==> flow/design.v <==
module my_reg_bank_top #(
    parameter ENTRIES = 4,
    parameter DATA_W = 48,
    parameter ADDR_WIDTH = $clog2(ENTRIES)
) (
    input  wire i_clk,
    input  wire RSTN,
    input  wire [ADDR_WIDTH-1:0] i_addr,
    input  wire i_write,
    input  wire [DATA_W-1:0] i_write_data,
    output wire [DATA_W-1:0] o_read_data
);
    reg [ADDR_WIDTH-1:0] r_addr;
    always @(posedge i_clk or negedge RSTN) begin
        if (~RSTN) begin
            r_addr <= 0;
        end else begin
            r_addr <= i_addr;
        end
    end
    reg r_write;
    always @(posedge i_clk or negedge RSTN) begin
        if (~RSTN) begin
            r_write <= 1'b0;
        end else begin
            r_write <= i_write;
        end
    end
    reg [DATA_W-1:0] r_write_data;
    always @(posedge i_clk or negedge RSTN) begin
        if (~RSTN) begin
            r_write_data <= 0;
        end else begin
            r_write_data <= i_write_data;
        end
    end
    reg [DATA_W-1:0] bank [0:ENTRIES-1];
    always @(posedge i_clk)
        if (r_write) bank[r_addr] <= r_write_data;
    assign o_read_data = bank[r_addr];
endmodule
# ---- From RTL to reports: my_reg_bank_top
# What the tools print for my_reg_bank_top, step after step.
# Line numbers count from 1 in the design file above.
# Cell names lack the library's common part.
# The mark -- stands for no value.
dict set report inputs {
  top {my_reg_bank_top}
  clk_port {i_clk}
  lib {sky130hd}
  corner {tt_025C_1v80}
}

# ---- Word-level counts
# Source: Yosys, flattened and elaborated, memories not mapped. Widths are those after wreduce; folded enables and synchronous resets count as part of the registers. Registers that Yosys merges into a memory's read port (data or address) are not register bits. Print and check cells do not count. Equal cells are merged and count once.
# Yosys's memory passes give these memory sizes; they may raise the number of words (mostly to a power of two), join words into wider ones and drop unused or constant bits.
dict set report word_totals {
  ff_bits 51
  latch_bits 0
  mem_bits_rw 192
  romBits 0
  clocked_rd_ports_x_width 0
  mem_count 1
  inputBits 53
  output_inout_bits 48
  elab_cells 7
}
dict set report classes {
  n_addsub 0
  mul 0
  n_div 0
  n_cmp 0
  n_eq 0
  shifts 0
  n_mux 3
  n_logic 0
  reduce_logical 0
}
# name size word_bits rd write_ports line
set memory_table {}
lappend memory_table {bank 4 48 1 1 37} ;# reg [DATA_W-1:0] bank [0:ENTRIES-1];
# op count
set op_table {}
lappend op_table {{48-bit two-way mux} 1}
lappend op_table {{2-bit two-way mux} 1}
lappend op_table {{1-bit two-way mux} 1}

# ---- Longest topological paths
# Yosys ltp: most cells in a row. Word level: on the elaborated netlist, between registers, memories and ports. Mapped: between sequential cells and ports; inverters and the memories' decode and read muxes count.
dict set report logic_depth {
  depth_word 1
  ABC_AREA 0
  ltp_mapped 3
  mapped_depth_nobuf 1
}

# ---- Netlist
# Yosys stat after the flow's synthesis: flattened, memories mapped to cells. It holds for the ABC_AREA given above (unset counts as 0); a run with the other value may have another netlist.
# type count area_total_um2
set types {}
lappend types {edfxtp_1 192 5765.53}
lappend types {dfrtp_1 51 1.28E+03}
lappend types {mux4_2 48 1.08E+03}
lappend types {buf_12 4 80.077}
lappend types {buf_2 5 25.024}
lappend types {buf_6 2 22.522}
lappend types {and3b_1 2 17.517}
lappend types {nor3b_1 1 7.507}
lappend types {and3_1 1 6.256}
lappend types {clkbuf_1 1 3.754}
dict set report synth_totals {
  cell_count 307
  area_um2 8285.4
  sequential_area_um2 7041.8
  flip_flops 243
  buffers 12
}

# ---- Worst setup path after synthesis
# Path of least setup slack by OpenSTA after synthesis, without wires, with an ideal clock, recovery checks aside; 20% of the period is set as input and as output delay. Where synthesis merged equal registers, the netlist keeps one of their names.
dict set report synth_timing {
  path_type {reg2reg}
  from {register r_addr[1]}
  to {memory bank[0][0]}
  period_ns 5.93
  setup_ns 0.523
  t_first_pin_ns 0.000
  arrival_ns 4.224
  required_time_ns 5.407
  slack_ns 1.183
  delay_ns 4.747
  path_stages 4
  n_path_buf 2
  synth_period_reached_ns 4.747
}
# "delay_ns" = arrival - input delay + setup time.
# "path_stages": output pins that drive a net of the path, with the launching flip-flop's if there is one; two outputs of one cell count as two.
# "synth_period_reached_ns" = period - worst setup slack (recovery checks aside). The figure is calculated, with input and output delays left at 20% of the set period.
# The rows between start and end are the longest chain of elaborated cells between them; the timing report does not say that the signal goes this way. Where chains are equally long, one stands for them.
# Each line given opens the expression or statement behind the cell; cells for indexed reads and writes are added by Yosys, which also makes memories of some case tables.
dict set report synth_via {
  path_cell_list {dfrtp_1 clkbuf_1 buf_2 nor3b_1}
  elab_chain_len 1
  cells_between 1
  cone_lines 1
  cone_classes {mux (1)}
}
# element line
set synth_lines {}
lappend synth_lines {{from (decl)} 13} ;# reg [ADDR_WIDTH-1:0] r_addr;
lappend synth_lines {{from (assign)} 16} ;# r_addr <= 0;
lappend synth_lines {{from (assign)} 18} ;# r_addr <= i_addr;
lappend synth_lines {{2-bit two-way mux} 39} ;# if (r_write) bank[r_addr] <= r_write_data;
lappend synth_lines {{to (decl)} 37} ;# reg [DATA_W-1:0] bank [0:ENTRIES-1];

# ---- Timing after layout
# Path of least setup slack in the final report of flow run A (OpenROAD, finished layout, wires in). Where an end is a register, its clock arrival counts in the times.
dict set report layout_timing {
  path_type {reg2out}
  from {register r_addr[1]}
  to {output o_read_data[20]}
  period_ns 3.92
  out_delay_ns 0.78
  t_first_pin_ns 0.48
  arrival_ns 2.35
  required_time_ns 3.14
  slack_ns 0.79
  path_stages 5
  n_path_buf 3
}
# The rows between start and end are the longest chain of elaborated cells between them; the timing report does not say that the signal goes this way. Where chains are equally long, one stands for them.
# A memory read counts as a cell of the chain, while the word-level depth stops at memories.
dict set report layout_via {
  path_cell_list {dfrtp_1 clkbuf_1 buf_2 mux4_2 clkdlybuf4s50_1}
  elab_chain_len 1
  cells_between 1
  cone_lines 1
  cone_classes {memory (1)}
}
# element line
set layout_lines {}
lappend layout_lines {{from (decl)} 13} ;# reg [ADDR_WIDTH-1:0] r_addr;
lappend layout_lines {{from (assign)} 16} ;# r_addr <= 0;
lappend layout_lines {{from (assign)} 18} ;# r_addr <= i_addr;
lappend layout_lines {{memory 4 x 48 bit} 37} ;# reg [DATA_W-1:0] bank [0:ENTRIES-1];
lappend layout_lines {{to (decl)} 11} ;# output wire [DATA_W-1:0] o_read_data

Subject: my_reg_bank_top on sky130hd, stored results

Hello all,

Measured results for my_reg_bank_top: 3 stored runs of the Yosys and OpenROAD flow on sky130hd. The settings differ; the order carries no meaning. The constraints put input and output delay at 20% of the set period each and load the outputs with 0.01 pF.

[flow] flow run A: files
==> flow/run.sh <==
#!/bin/bash
# the make line also repeats the synthesis and layout settings of config.mk as NAME=value (left out here)
make -C /OpenROAD-flow-scripts/flow DESIGN_CONFIG=/design/flow/config.mk WORK_HOME=/design/flow/orfs CLKGATE_MAP_FILE= finish
==> flow/config.mk <==
export PLATFORM = sky130hd
export DESIGN_NAME = my_reg_bank_top
export DESIGN_NICKNAME = my_reg_bank_top
export VERILOG_FILES = /design/flow/design.v
export SDC_FILE = /design/flow/constraint.sdc
export NUM_CORES = 4
export LEC_CHECK = 0
export CAP_MARGIN = 20
export CELL_PAD_IN_SITES_DETAIL_PLACEMENT = 0
export CORE_ASPECT_RATIO = 0.8
export CORE_MARGIN = 4
export CORE_UTILIZATION = 63
export CTS_CLUSTER_SIZE = 95
export GPL_ROUTABILITY_DRIVEN = 1
export GPL_TIMING_DRIVEN = 0
export PLACE_DENSITY_LB_ADDON = 0.13
export SLEW_MARGIN = 35
export TNS_END_PERCENT = 5
==> flow/constraint.sdc <==
create_clock -name core_clock -period 3.92 [get_ports {i_clk}]
set_input_delay 0.7840 -clock core_clock [delete_from_list [all_inputs] [get_ports {i_clk}]]
set_output_delay 0.7840 -clock core_clock [all_outputs]
set_load 0.01 [all_outputs]

[flow] flow run A: metrics
[metrics] synthArea_um2 = 8285.4
[metrics] util_pct = 80.4
[metrics] design_die_area_um2 = 15062.0
[metrics] timing.setup.tns_ns = 0.000
[metrics] setup_worst_slack_ns = 0.791

[flow] flow run B: files
==> flow/run.sh <==
#!/bin/bash
# the make line also repeats the synthesis and layout settings of config.mk as NAME=value (left out here)
make -C /OpenROAD-flow-scripts/flow DESIGN_CONFIG=/design/flow/config.mk WORK_HOME=/design/flow/orfs CLKGATE_MAP_FILE= finish
==> flow/config.mk <==
export PLATFORM = sky130hd
export DESIGN_NAME = my_reg_bank_top
export DESIGN_NICKNAME = my_reg_bank_top
export VERILOG_FILES = /design/flow/design.v
export SDC_FILE = /design/flow/constraint.sdc
export NUM_CORES = 4
export LEC_CHECK = 0
export CAP_MARGIN = 20
export CORE_MARGIN = 2
export CORE_UTILIZATION = 40
export SLEW_MARGIN = 20
==> flow/constraint.sdc <==
create_clock -name core_clock -period 5.93 [get_ports {i_clk}]
set_input_delay 1.1860 -clock core_clock [delete_from_list [all_inputs] [get_ports {i_clk}]]
set_output_delay 1.1860 -clock core_clock [all_outputs]
set_load 0.01 [all_outputs]

[flow] flow run B: metrics
[metrics] synthArea_um2 = 8285.4
[metrics] util_pct = 51.4
[metrics] design_die_area_um2 = 21880.3
[metrics] timing.setup.tns_ns = 0.000
[metrics] setup_worst_slack_ns = 2.008

[flow] flow run C: files
==> flow/run.sh <==
#!/bin/bash
# the make line also repeats the synthesis and layout settings of config.mk as NAME=value (left out here)
make -C /OpenROAD-flow-scripts/flow DESIGN_CONFIG=/design/flow/config.mk WORK_HOME=/design/flow/orfs CLKGATE_MAP_FILE= finish
==> flow/config.mk <==
export PLATFORM = sky130hd
export DESIGN_NAME = my_reg_bank_top
export DESIGN_NICKNAME = my_reg_bank_top
export VERILOG_FILES = /design/flow/design.v
export SDC_FILE = /design/flow/constraint.sdc
export NUM_CORES = 4
export LEC_CHECK = 0
export ABC_AREA = 0
export CAP_MARGIN = 35
export CORE_ASPECT_RATIO = 1.29
export CORE_MARGIN = 8
export CORE_UTILIZATION = 35
export CTS_CLUSTER_SIZE = 62
export GPL_TIMING_DRIVEN = 1
export MAX_ROUTING_LAYER = met4
export PLACE_DENSITY_LB_ADDON = 0.28
export SETUP_SLACK_MARGIN = -0.81
export SLEW_MARGIN = 20
==> flow/constraint.sdc <==
create_clock -name core_clock -period 9.02 [get_ports {i_clk}]
set_input_delay 1.8040 -clock core_clock [delete_from_list [all_inputs] [get_ports {i_clk}]]
set_output_delay 1.8040 -clock core_clock [all_outputs]
set_load 0.01 [all_outputs]

[flow] flow run C: metrics
[metrics] synthArea_um2 = 8285.4
[metrics] util_pct = 44.2
[metrics] design_die_area_um2 = 28891.9
[metrics] timing.setup.tns_ns = 0.000
[metrics] setup_worst_slack_ns = 4.537

Thanks
